==> flow/design.v <==
module sync_mpy_mod #(
    parameter NBITS = 16
) (
    input  sys_clk,
    input  [NBITS-1:0] dataa,
    input  [NBITS-1:0] datab,
    input  clear,
    output [2*NBITS-1:0] q,
    output ready
);
    reg [NBITS-1:0] dataa_ff;
    reg [NBITS-1:0] datab_ff;
    reg clear_ff;
    localparam SW = $clog2(NBITS + 1);
    reg [NBITS-1:0] mcand;
    reg [SW-1:0] ctr;
    reg [2*NBITS-1:0] state;
    wire [NBITS:0] nxt;
    assign nxt = state[2*NBITS-1:NBITS] + (state[0] ? mcand : {NBITS{1'b0}});
    assign q = state;
    assign ready = (ctr == 0);
    always @(posedge sys_clk) begin
        dataa_ff <= dataa;
        datab_ff <= datab;
        clear_ff <= clear;
        mcand <= clear_ff ? dataa_ff : mcand;
        ctr <= clear_ff ? NBITS : (ctr != 0) ? ctr - 1'b1 : ctr;
        state <= clear_ff ? {{NBITS{1'b0}}, datab_ff} : (ctr != 0) ? {nxt, state[NBITS-1:1]} : state;
    end
endmodule
; From RTL to reports: sync_mpy_mod
; The steps from the RTL of sync_mpy_mod to its reports follow in flow order.
; Line numbers count from 1 in the design file above.
; The mark n/a stands for no value.
[setup]
top_module = sync_mpy_mod
clk_port = sys_clk
library = sky130hd
corner = tt_025C_1v80

; Elaborated design
; Source: Yosys, flattened and elaborated, memories not mapped. Widths are those after wreduce. Registers that Yosys merges into a memory's read port (data or address) are not register bits. Print and check cells do not count. Equal cells are merged and count once.
[bits]
wordCells = 15
in_bits = 34
register_bits = 86
out_inout_bits = 33
[op_classes]
muxes = 3
reduce_logical = 3
add_sub_neg = 2
[op_table]
columns = operator, n
row1 = 2-to-1 mux 16 bit, 3
row2 = adder 16 x 16 -> 17 bit, 1
row3 = subtractor 5 x 1 -> 5 bit (second input constant), 1
row4 = logical NOT 5 bit, 1
row5 = nonzero test 5 bit, 1
row6 = nonzero test 2 bit, 1

; Logic depth
; Yosys ltp: most cells in a row. Word level: on the elaborated netlist, between registers, memories and ports. Mapped: between sequential cells and ports; inverters and the memories' decode and read muxes count.
[logic_depth]
ltp_word = 4
ABC_AREA = 1
depth_mapped = 15
ltp_nobuf = 13

; After synthesis
; Source: synth_stat.txt of the flow (Yosys; design flattened, memories mapped). It holds for the ABC_AREA given above (unset counts as 0); a run with the other value may have another netlist.
; Totals and module areas in this step are rounded.
[types]
columns = cell, n, type_area_um2
row1 = sky130_fd_sc_hd__dfxtp_1, 54, 1.08E+03
row2 = sky130_fd_sc_hd__edfxtp_1, 32, 960.922
row3 = sky130_fd_sc_hd__nand2_1, 164, 615.59
row4 = sky130_fd_sc_hd__ha_1, 17, 212.704
row5 = sky130_fd_sc_hd__inv_1, 55, 206.448
row6 = sky130_fd_sc_hd__nand3_1, 14, 70.067
row7 = sky130_fd_sc_hd__a21oi_1, 13, 65.062
row8 = sky130_fd_sc_hd__nor2_1, 12, 45.043
row9 = sky130_fd_sc_hd__o21ai_0, 9, 45.043
row10 = sky130_fd_sc_hd__nand3b_1, 4, 30.029
row11 = sky130_fd_sc_hd__buf_6, 2, 22.522
row12 = sky130_fd_sc_hd__fa_1, 1, 20.019
row13 = sky130_fd_sc_hd__nor3_2, 2, 20.019
row14 = sky130_fd_sc_hd__nand2_2, 3, 18.768
row15 = sky130_fd_sc_hd__xnor2_1, 2, 17.517
row16 = sky130_fd_sc_hd__xor2_1, 2, 17.517
row17 = sky130_fd_sc_hd__buf_2, 3, 15.014
row18 = sky130_fd_sc_hd__or2_1, 2, 12.512
; Not listed: further types 16, cells in them 19.
[synth_totals]
mapped_cells = 410
sequential_area_um2 = 2042
area_um2 = 3603
ff_cells = 86
n_buf = 7

; Worst setup path after synthesis
; OpenSTA on the mapped netlist: ideal clock, no wires. The path of least setup slack (recovery checks aside). Input and output delay are each 20% of the period. Register names are those of the netlist, which keeps one name where synthesis merged equal registers.
[synth_timing]
path_kind = register to register
start = register state[0]
end = register state[27]
launch_ns = 0.000
arrival_time_ns = 2.040
delay_ns = 2.153
clock_period_ns = 3.54
driving_pins = 14
path_buffers = 2
path_slack_ns = 1.387
setup_ns = 0.113
synth_period_reached_ns = 2.153
; "delay_ns" is the arrival time less input delay plus setup time.
; "driving_pins": output pins that drive a net of the path, with the launching flip-flop's if there is one; two outputs of one cell count as two.
; "synth_period_reached_ns" is the clock period less the worst setup slack; recovery checks do not enter. This is arithmetic on one report: input and output delays are still those of the set period (20% each).
; The rows between start and end are the longest chain of elaborated cells between them; the timing report does not say that the signal goes this way. Where chains are equally long, one stands for them.
; A line is the first line of the expression or statement that the cell stems from. Yosys adds cells for indexed reads and writes and turns some case tables into memories.
[synth_between]
path_cell_list = sky130_fd_sc_hd__edfxtp_1 > sky130_fd_sc_hd__clkbuf_1 > sky130_fd_sc_hd__clkbuf_1 > sky130_fd_sc_hd__nand2_1 > sky130_fd_sc_hd__inv_1 > sky130_fd_sc_hd__ha_1 > sky130_fd_sc_hd__fa_1 > sky130_fd_sc_hd__nand2_1 > sky130_fd_sc_hd__nand2_1 > sky130_fd_sc_hd__and2_4 > sky130_fd_sc_hd__nand3_1 > sky130_fd_sc_hd__nand4_1 > sky130_fd_sc_hd__nand3_1 > sky130_fd_sc_hd__nand2_1
elab_chain_len = 2
cells_between = 2
classes_between = 1 x add/sub; 1 x mux
[synth_rtl]
columns = element, line
row1 = start: declaration, 17  ; reg [2*NBITS-1:0] state;
row2 = start: assignment, 28  ; state <= clear_ff ? {{NBITS{1'b0}}, datab_ff} : (ctr != 0) ? {nxt, state[NBITS-1:1]} : state;
row3 = 2-to-1 mux 16 bit, 19  ; assign nxt = state[2*NBITS-1:NBITS] + (state[0] ? mcand : {NBITS{1'b0}});
row4 = adder 16 x 16 -> 17 bit, 19
row5 = end: assignment, 28
row6 = end: declaration, 17

; Path in the finished layout
; From the final timing report of record 1: the path of least setup slack in the routed layout; clock arrival at registers is part of the times.
[layout_timing]
path_kind = register to output
start = register ctr[0]
end = output port ready
arrival_time_ns = 1.89
path_buffers = 1
path_slack_ns = 1.65
clock_period_ns = 4.43
launch_ns = 0.34
driving_pins = 8
; The rows between start and end are the longest chain of elaborated cells between them; the timing report does not say that the signal goes this way. Where chains are equally long, one stands for them.
[layout_between]
path_cell_list = sky130_fd_sc_hd__dfxtp_1 > sky130_fd_sc_hd__inv_1 > sky130_fd_sc_hd__ha_1 > sky130_fd_sc_hd__nand2_2 > sky130_fd_sc_hd__nor2_2 > sky130_fd_sc_hd__nand2_2 > sky130_fd_sc_hd__inv_1 > sky130_fd_sc_hd__clkdlybuf4s50_1
elab_chain_len = 1
cells_between = 1
classes_between = 1 x reduce/logical
[layout_rtl]
columns = element, line
row1 = start: declaration, 16  ; reg [SW-1:0] ctr;
row2 = start: assignment, 27  ; ctr <= clear_ff ? NBITS : (ctr != 0) ? ctr - 1'b1 : ctr;
row3 = logical NOT 5 bit, 21  ; assign ready = (ctr == 0);
row4 = end: declaration, 9  ; output ready

; Top module sync_mpy_mod; platform sky130hd; tools Yosys and OpenROAD; 3 stored runs in no particular order. Input and output delays are each 20% of the period that was set; the output load is 0.01 pF.
; "period_reached_ns" means the clock period less the worst setup slack. The figure is calculated, with input and output delays left at 20% of the set period.
; By "power.total_w" is meant OpenSTA's value without simulated activity: inputs other than the clock are taken to toggle once in ten clock periods, and the tool carries that through the logic.
; Results are given in rounded form.

[record 1: settings]
period_ns = 4.43
CORE_UTILIZATION = 19
SETUP_SLACK_MARGIN = 0.4
PLACE_DENSITY_LB_ADDON = 0.28
CORE_MARGIN = 7
TNS_END_PERCENT = 35
ABC_AREA = 1
CAP_MARGIN = 30
SLEW_MARGIN = 20
[record 1: results]
synth_chip_area_um2 = 3603
power.total_w = 0.00257
finalUtil_frac = 0.258
fin_hold_ws_ns = 0.403
setup_ws_ns = 1.653
final_cell_area_um2 = 4816
final_die_area_um2 = 23020
setupTns_ns = 0.000
period_reached_ns = 2.777

[record 2: settings]
period_ns = 3.37
CORE_UTILIZATION = 37
PLACE_DENSITY_LB_ADDON = 0.24
CELL_PAD_IN_SITES_GLOBAL_PLACEMENT = 0
CELL_PAD_IN_SITES_DETAIL_PLACEMENT = 2
ABC_AREA = 0
CTS_CLUSTER_SIZE = 30
SLEW_MARGIN = 10
CAP_MARGIN = 20
CORE_MARGIN = 2
[record 2: results]
synth_chip_area_um2 = 3555
power.total_w = 0.00353
finalUtil_frac = 0.493
fin_hold_ws_ns = 0.400
setup_ws_ns = 0.436
final_cell_area_um2 = 4579
final_die_area_um2 = 10410
setupTns_ns = 0.000
period_reached_ns = 2.934

[record 3: settings]
period_ns = 3.54
CAP_MARGIN = 20
CORE_MARGIN = 2
CORE_UTILIZATION = 40
SLEW_MARGIN = 20
[record 3: results]
synth_chip_area_um2 = 3555
power.total_w = 0.003143
finalUtil_frac = 0.52
fin_hold_ws_ns = 0.411
setup_ws_ns = 0.523
final_cell_area_um2 = 4509
final_die_area_um2 = 9657
setupTns_ns = 0.000
period_reached_ns = 3.017
